==> flow/design.v <==
module gen_adder_rtl #(
  parameter int NBITS = 12,
  parameter int N = 10,
  parameter int RES_W = NBITS + $clog2(N)
) (
  input  logic clock,
  input  logic aresetn,
  input  logic [N*NBITS-1:0] src_i,
  output logic [RES_W-1:0] s_o
);
  logic [N*NBITS-1:0] src_s;
  always_ff @(posedge clock or negedge aresetn) begin
    if (!aresetn) begin
      src_s <= 0;
    end else begin
      src_s <= src_i;
    end
  end
  logic [RES_W-1:0] r;
  always_comb begin
    r = 0;
    for (int i = 0; i < N; i++)
      r = r + src_s[i*NBITS +: NBITS];
  end
  assign s_o = r;
endmodule
### Step by step through the tools: gen_adder_rtl

The steps from the RTL of gen_adder_rtl to its reports follow in flow order.
Lines are those of the file above, counted from 1.
Cell names lack the library's common part.
Not given: --

| inputs | value |
|---|---|
| top module | gen_adder_rtl |
| clock input | clock |
| standard-cell library | sky130hd |
| library corner | tt_025C_1v80 |

### Elaborated design

Source: Yosys, flattened and elaborated, memories not mapped. Widths are those after wreduce; folded enables and synchronous resets count as part of the registers. Registers that Yosys merges into a memory's read port (data or address) are not register bits. Print and check cells do not count. Equal cells are merged and count once.

| word-level totals | value |
|---|---|
| bits in registers | 120 |
| input bits | 122 |
| output and inout port bits | 16 |
| elaborated cells | 10 |

| cells by class | value |
|---|---|
| add/subtract/negate cells | 9 |

Operator list:

| kind | number |
|---|---|
| 16-bit by 12-bit adder with 16-bit output | 5 |
| 15-bit by 12-bit adder with 16-bit output | 1 |
| 14-bit by 12-bit adder with 15-bit output | 1 |
| 13-bit by 12-bit adder with 14-bit output | 1 |
| 12-bit by 12-bit adder with 13-bit output | 1 |

### Logic depth

Depth = most cells in a row (Yosys ltp): at word level without a register or memory, in the mapped netlist without a sequential cell, where the memories' decode and read muxes count.

| logic depth | value |
|---|---|
| word-level depth | 9 |
| ABC_AREA | 0 |
| mapped depth | 17 |
| mapped depth without buffers | 17 |

### Mapped cells and area

Yosys stat after the flow's synthesis: flattened, memories mapped to cells. It holds for the ABC_AREA given above (unset counts as 0); a run with the other value may have another netlist.
The area totals of this step are shown rounded.

| synthesis totals | value |
|---|---|
| standard cells after synthesis | 415 |
| mapped area | 6030 um^2 |
| area of sequential cells | 3000 um^2 |
| flip-flops | 120 |
| buffers | 0 |

Cells by type:

| type | number | area in all (um^2) |
|---|---|---|
| dfrtp_1 | 120 | 3002.88 |
| fa_1 | 93 | 1.86E+03 |
| inv_1 | 116 | 435.418 |
| ha_1 | 23 | 287.776 |
| xnor2_1 | 8 | 70.067 |
| a21o_1 | 5 | 37.536 |
| a21oi_1 | 7 | 35.034 |
| xor2_1 | 4 | 35.034 |
| a21oi_2 | 3 | 26.275 |
| nand2_1 | 5 | 18.768 |
| nand2b_1 | 3 | 18.768 |
| nor2_1 | 5 | 18.768 |
| a21oi_4 | 1 | 16.266 |
| a21boi_0 | 2 | 15.014 |
| a311oi_2 | 1 | 15.014 |
| o2111ai_2 | 1 | 15.014 |
| o21ai_0 | 3 | 15.014 |
| nor2b_1 | 2 | 12.512 |

Other cell types: 12; their cells: 13.

### Worst setup path after synthesis

Path of least setup slack by OpenSTA after synthesis, without wires, with an ideal clock, recovery checks aside; 20% of the period is set as input and as output delay. Where synthesis merged equal registers, the netlist keeps one of their names.

| path post-synthesis | value |
|---|---|
| path kind | reg-to-output |
| from | register src_s[38] |
| to | output port s_o[13] |
| period | 6.92 ns |
| external output delay | 1.384 ns |
| time at the first pin | 0.000 ns |
| data arrival time | 4.427 ns |
| required time | 5.536 ns |
| slack | 1.109 ns |
| delay of the path | 4.427 ns |
| driving pins on the path | 15 |
| buffers on the path | 0 |
| period reached after synthesis | 5.811 ns |

"delay of the path" = arrival - input delay + setup time.
A path that ends at an output port has no setup time.
"driving pins on the path" counts driving pins, that of a launching flip-flop among them; a cell with two outputs on the path counts twice.
"period reached after synthesis" = period - worst setup slack (recovery checks aside). The figure is calculated, with input and output delays left at 20% of the set period.
Between the ends stands the longest chain of elaborated cells between them, by number of cells; it is not shown to be the way that was timed. Of several equally long chains one is given.
A line is the first line of the expression or statement that the cell stems from. Yosys adds cells for indexed reads and writes and turns some case tables into memories.

| on the way, post-synthesis | value |
|---|---|
| cell sequence | dfrtp_1 -> fa_1 -> fa_1 -> fa_1 -> inv_1 -> fa_1 -> inv_1 -> fa_1 -> inv_1 -> fa_1 -> nand2b_1 -> a21oi_2 -> o2111ai_2 -> a31oi_1 -> xor2_1 |
| length of the longest elaborated chain | 7 |
| elaborated cells between the ends (all ways) | 7 |
| source lines of those cells | 1 |
| classes of those cells | 7 x add/sub |

Ends and longest elaborated chain, post-synthesis:

| element | RTL line | source |
|---|---|---|
| start: declaration | 11 | `logic [N*NBITS-1:0] src_s;` |
| start: assignment | 14 | `src_s <= 0;` |
| start: assignment | 16 | `src_s <= src_i;` |
| 14-bit by 12-bit adder with 15-bit output | 23 | `r = r + src_s[i*NBITS +: NBITS];` |
| 15-bit by 12-bit adder with 16-bit output | 23 |  |
| 16-bit by 12-bit adder with 16-bit output x5 | 23 |  |
| end: declaration | 9 | `output logic [RES_W-1:0] s_o` |

### Path in the finished layout

From the final timing report of flow run A: the path of least setup slack in the routed layout; clock arrival at registers is part of the times.

| path post-layout | value |
|---|---|
| path kind | reg-to-output |
| from | register src_s[2] |
| to | output port s_o[13] |
| period | 3.62 ns |
| external output delay | 0.72 ns |
| time at the first pin | 0.53 ns |
| data arrival time | 5.09 ns |
| required time | 2.90 ns |
| slack | -2.19 ns |
| driving pins on the path | 18 |
| buffers on the path | 1 |

Between the ends stands the longest chain of elaborated cells between them, by number of cells; it is not shown to be the way that was timed. Of several equally long chains one is given.

| on the way, post-layout | value |
|---|---|
| cell sequence | dfrtp_1 -> inv_2 -> fa_1 -> inv_2 -> fa_1 -> fa_1 -> inv_1 -> fa_1 -> inv_2 -> fa_1 -> inv_1 -> fa_2 -> nand2b_4 -> a21oi_4 -> o2111ai_2 -> a31oi_1 -> xor2_1 -> buf_2 |
| length of the longest elaborated chain | 9 |
| elaborated cells between the ends (all ways) | 9 |
| source lines of those cells | 1 |
| classes of those cells | 9 x add/sub |

Ends and longest elaborated chain, post-layout:

| element | RTL line | source |
|---|---|---|
| start: declaration | 11 | `logic [N*NBITS-1:0] src_s;` |
| start: assignment | 14 | `src_s <= 0;` |
| start: assignment | 16 | `src_s <= src_i;` |
| 12-bit by 12-bit adder with 13-bit output | 23 | `r = r + src_s[i*NBITS +: NBITS];` |
| 13-bit by 12-bit adder with 14-bit output | 23 |  |
| 14-bit by 12-bit adder with 15-bit output | 23 |  |
| 15-bit by 12-bit adder with 16-bit output | 23 |  |
| 16-bit by 12-bit adder with 16-bit output x5 | 23 |  |
| end: declaration | 9 | `output logic [RES_W-1:0] s_o` |

FLOW RESULTS
============

Module gen_adder_rtl, platform sky130hd: 3 stored runs of the flow (Yosys, OpenROAD) with differing settings, in no particular order. Input and output delays are each 20% of the period that was set; the output load is 0.01 pF.
By "period achieved" is meant the clock period of the run minus its worst setup slack. This is arithmetic on one report: input and output delays are still those of the set period (20% each).
"critical setup path time" is the time allowed to the run's worst setup path (the clock period less input and output delay, where it has them) less its slack. Clock arrival times count: a late capture clock shortens it, a late launch clock lengthens it.
The measured numbers are rounded.

#### Flow run A

| setting | value |
|---|---|
| period_ns | `3.62` |
| CORE_UTILIZATION | `58` |
| PLACE_DENSITY | `0.8` |
| ABC_AREA | `0` |
| GPL_TIMING_DRIVEN | `1` |
| GPL_ROUTABILITY_DRIVEN | `1` |
| CTS_CLUSTER_SIZE | `29` |
| SLEW_MARGIN | `20` |
| MIN_ROUTING_LAYER | `met1` |
| MAX_ROUTING_LAYER | `met5` |
| CAP_MARGIN | `20` |
| CORE_MARGIN | `2` |

| result | value |
|---|---|
| chip area in the Yosys report | 6030 um^2 |
| die size | 11200 um^2 |
| standard-cell area after routing | 8620 um^2 |
| utilization after routing | 84.3 % |
| setup slack of the worst path | -2.19 ns |
| final setup TNS | -28.4 ns |
| period achieved | 5.812 ns |
| critical setup path time | 5.09 ns |
| worst setup path kind | reg-to-output |

#### Flow run B

| setting | value |
|---|---|
| period_ns | `6.92` |
| CAP_MARGIN | `20` |
| CORE_MARGIN | `2` |
| CORE_UTILIZATION | `40` |
| SLEW_MARGIN | `20` |

| result | value |
|---|---|
| chip area in the Yosys report | 6030 um^2 |
| die size | 16100 um^2 |
| standard-cell area after routing | 8270 um^2 |
| utilization after routing | 56.5 % |
| setup slack of the worst path | 0.291 ns |
| final setup TNS | 0.000 ns |
| period achieved | 6.629 ns |
| critical setup path time | 5.24 ns |
| worst setup path kind | reg-to-output |

#### Flow run C

| setting | value |
|---|---|
| period_ns | `5.03` |
| CORE_UTILIZATION | `40` |
| PLACE_DENSITY_LB_ADDON | `0.27` |
| CORE_MARGIN | `3` |
| CELL_PAD_IN_SITES_DETAIL_PLACEMENT | `2` |
| CTS_CLUSTER_SIZE | `87` |
| CTS_CLUSTER_DIAMETER | `376` |
| MIN_ROUTING_LAYER | `met2` |
| MAX_ROUTING_LAYER | `met5` |
| CAP_MARGIN | `20` |
| SLEW_MARGIN | `20` |

| result | value |
|---|---|
| chip area in the Yosys report | 6030 um^2 |
| die size | 16600 um^2 |
| standard-cell area after routing | 8830 um^2 |
| utilization after routing | 60.3 % |
| setup slack of the worst path | -1.28 ns |
| final setup TNS | -14.1 ns |
| period achieved | 6.309 ns |
| critical setup path time | 5.30 ns |
| worst setup path kind | reg-to-output |
